==> flow/design.v <==
module shft #(
  parameter XLEN = 14,
  parameter SW = $clog2(XLEN)
) (
  input ck,
  input rst_n,
  input enable,
  input [XLEN-1:0] bus,
  input [SW-1:0] sa,
  output reg [XLEN-1:0] y
);
  reg [XLEN-1:0] bus_s;
  reg [SW-1:0] sa_s;
  wire [XLEN-1:0] node [0:SW];
  assign node[0] = bus_s;
  genvar ii;
  generate
    for (ii = 0; ii < SW; ii = ii + 1) begin : each
      assign node[ii+1] = sa_s[ii] ? node[ii] >> (1 << ii) : node[ii];
    end
  endgenerate
  always @(posedge ck) begin
    if (!rst_n) begin
      bus_s <= 0;
      sa_s <= 0;
      y <= 0;
    end else if (enable) begin
      bus_s <= bus;
      sa_s <= sa;
      y <= node[SW];
    end
  end
endmodule
Reports on shft --
What the tools print for shft, step after step. Line numbers count from 1 in the design file above. Operators carry their Yosys type and port widths (W data, S select, Z words). Cell names lack the library's common part. The mark - stands for no value.
Inputs: top module shft, clock input ck, library sky130hd, library corner tt_025C_1v80

Word level --
Counts by Yosys on the flattened word-level netlist (proc, flatten, opt, wreduce). Print and check cells are left out. Cells with the same type and inputs are merged into one.
Cells by class: $add $sub $neg 0, multipliers 0, divide/modulo/power cells 0, magnitude comparators 0, equal/unequal tests 0, shift-type cells 0, mux-type cells 4, bitwise logic cells 0, reductions and logical operators 0
Operator list (number):
- $mux W14 | 4
Bit counts: register bits 32, latch bits 0, RAM bits 0, memory bits (read-only) 0, clocked read ports x word width 0, memory cells 0, input port bits 21, output and inout port bits 14, word-level cells 7

Depth --
Depth = most cells in a row (Yosys ltp): at word level without a register or memory, in the mapped netlist without a sequential cell, where the memories' decode and read muxes count.
Logic depth: depth after elaboration 4, ABC_AREA 0, mapped depth 6, mapped depth without buffers 4

After synthesis --
Source: synth_stat.txt of the flow (Yosys; design flattened, memories mapped). It holds for the ABC_AREA given above (unset counts as 0); a run with the other value may have another netlist. Totals and module areas in this step are rounded.
Mapped netlist: cell count 163, chip area (Yosys) 1640 um2, sequential part of the area 641 um2, flip-flop cells 32, buffer cells 13
Cells by type:
- dfxtp_1 | number 32, total area 640.614 um2
- mux2i_1 | number 40, total area 400.384 um2
- mux4_2 | number 5, total area 112.608 um2
- nor2_1 | number 20, total area 75.072 um2
- nand2_1 | number 11, total area 41.29 um2
- nor2b_1 | number 5, total area 31.28 um2
- mux4_1 | number 1, total area 26.275 um2
- a21oi_1 | number 5, total area 25.024 um2
- buf_6 | number 2, total area 22.522 um2
- buf_12 | number 1, total area 20.019 um2
- buf_2 | number 4, total area 20.019 um2
- nand3_1 | number 4, total area 20.019 um2
- o21ai_1 | number 4, total area 20.019 um2
- a31oi_1 | number 3, total area 18.768 um2
- o22ai_1 | number 3, total area 18.768 um2
- nor3b_2 | number 1, total area 12.512 um2
- buf_1 | number 3, total area 11.261 um2
- mux2_2 | number 1, total area 11.261 um2
Other cell types: 16; their cells: 18.

Timing after synthesis --
OpenSTA on the mapped netlist: ideal clock, no wires. The path of least setup slack (recovery checks aside). Input and output delay are each 20% of the period. Register names are those of the netlist, which keeps one name where synthesis merged equal registers.
Timing path post-synthesis: path kind reg2reg, start register sa_s[0], end register y[1], clock period 1830 ps, setup time 116 ps, launch time at the first pin 0 ps, data arrival time 1344 ps, required time 1714 ps, setup slack 370 ps, delay of the path 1460 ps, stages on the path 6, buffers on the path 1, synthesis period reached 1460 ps
"delay of the path" is the arrival time less input delay plus setup time. "stages on the path": output pins that drive a net of the path, with the launching flip-flop's if there is one; two outputs of one cell count as two. "synthesis period reached" is the clock period less the worst setup slack; recovery checks do not enter. This is arithmetic on one report: input and output delays are still those of the set period (20% each). The rows between start and end are the longest chain of elaborated cells between them; the timing report does not say that the signal goes this way. Where chains are equally long, one stands for them. A line is the first line of the expression or statement that the cell stems from. Yosys adds cells for indexed reads and writes and turns some case tables into memories.
On the way, post-synthesis: cells stage by stage dfxtp_1 > buf_6 > mux4_1 > nor3_1 > a2111oi_1 > a31o_1, length of the longest elaborated chain 4, elaborated cells on any way between the ends 4, RTL lines with such cells 1, those cells by class 4 x mux
RTL lines, path post-synthesis:
- from (decl) | RTL line 13 | reg [SW-1:0] sa_s;
- from (assign) | RTL line 25 | sa_s <= 0;
- from (assign) | RTL line 29 | sa_s <= sa;
- $mux W14 (4 in a row) | RTL line 19 | assign node[ii+1] = sa_s[ii] ? node[ii] >> (1 << ii) : node[ii];
- to (assign) | RTL line 26 | y <= 0;
- to (assign) | RTL line 30 | y <= node[SW];
- to (decl) | RTL line 10 | output reg [XLEN-1:0] y

Path in the finished layout --
From the final timing report of run 1: the path of least setup slack in the routed layout; clock arrival at registers is part of the times. The report prints the path's times to 10 ps; the period is as set.
Timing path after layout: path kind reg2reg, start register sa_s[0], end register y[1], clock period 1240 ps, setup time 100 ps, launch time at the first pin 290 ps, data arrival time 1750 ps, required time 1430 ps, setup slack -320 ps, stages on the path 5, buffers on the path 0
The rows between start and end are the longest chain of elaborated cells between them; the timing report does not say that the signal goes this way. Where chains are equally long, one stands for them.
On the way, after layout: cells stage by stage dfxtp_4 > mux4_2 > mux2i_4 > a2111oi_4 > a31o_1, length of the longest elaborated chain 4, elaborated cells on any way between the ends 4, RTL lines with such cells 1, those cells by class 4 x mux
RTL lines, path after layout:
- from (decl) | RTL line 13 | reg [SW-1:0] sa_s;
- from (assign) | RTL line 25 | sa_s <= 0;
- from (assign) | RTL line 29 | sa_s <= sa;
- $mux W14 (4 in a row) | RTL line 19 | assign node[ii+1] = sa_s[ii] ? node[ii] >> (1 << ii) : node[ii];
- to (assign) | RTL line 26 | y <= 0;
- to (assign) | RTL line 30 | y <= node[SW];
- to (decl) | RTL line 10 | output reg [XLEN-1:0] y

Wiki page: shft / flow data

Stored flow runs of shft (3 of them; Yosys, OpenROAD, sky130hd). They differ in their settings and are not a sequence. Constraints: input delay and output delay 20% of the set period each, output load 0.01 pF.
"reached clock period": clock period set for the run, less the worst setup slack. It is reckoned from that one timing run; input and output delays stay at 20% of the period that was set.
"allowed time less slack (worst setup path)" is the time allowed to the run's worst setup path (the clock period less input and output delay, where it has them) less its slack. Clock arrival times count: a late capture clock shortens it, a late launch clock lengthens it.
"total power of the final layout" is the tool's figure for a default switching activity; nothing was simulated.
"allowed time less slack (worst setup path)" is given in steps of 10 ps.
Values from the reports are rounded here.

* Run 1 | settings: period_ns 1.24; CORE_UTILIZATION 26; CORE_MARGIN 10; GPL_TIMING_DRIVEN 0; GPL_ROUTABILITY_DRIVEN 1; CTS_CLUSTER_SIZE 49; CTS_CLUSTER_DIAMETER 355; MIN_ROUTING_LAYER met1; MAX_ROUTING_LAYER met4; CAP_MARGIN 20; SLEW_MARGIN 20 | results: allowed time less slack (worst setup path) 1,560 ps; critical path type reg2reg; utilization after layout 39.1 %; netlist area reported by Yosys 1,640 um2; std-cell area (final layout) 2,360 um2; reached clock period 1,561 ps; total power of the final layout 2.44 mW; setup slack of the worst path -321 ps; total negative slack on setup checks -1,820 ps; die footprint 9,890 um2; worst-case hold slack 449 ps
* Run 2 | settings: period_ns 1.83; CAP_MARGIN 20; CORE_MARGIN 2; CORE_UTILIZATION 40; SLEW_MARGIN 20 | results: allowed time less slack (worst setup path) 1,680 ps; critical path type reg2reg; utilization after layout 54.1 %; netlist area reported by Yosys 1,640 um2; std-cell area (final layout) 2,150 um2; reached clock period 1,679 ps; total power of the final layout 1.73 mW; setup slack of the worst path 151 ps; total negative slack on setup checks 0 ps; die footprint 4,630 um2; worst-case hold slack 456 ps
* Run 3 | settings: period_ns 1.5; CORE_UTILIZATION 22; SETUP_SLACK_MARGIN 0.18; PLACE_DENSITY_LB_ADDON 0.02; CELL_PAD_IN_SITES_GLOBAL_PLACEMENT 1; CELL_PAD_IN_SITES_DETAIL_PLACEMENT 0; GPL_TIMING_DRIVEN 1; GPL_ROUTABILITY_DRIVEN 0; CAP_MARGIN 5; MIN_ROUTING_LAYER met2; CORE_MARGIN 2; SLEW_MARGIN 20 | results: allowed time less slack (worst setup path) 1,530 ps; critical path type reg2reg; utilization after layout 36.7 %; netlist area reported by Yosys 1,640 um2; std-cell area (final layout) 2,660 um2; reached clock period 1,533 ps; total power of the final layout 2.30 mW; setup slack of the worst path -33 ps; total negative slack on setup checks -87 ps; die footprint 8,170 um2; worst-case hold slack 443 ps
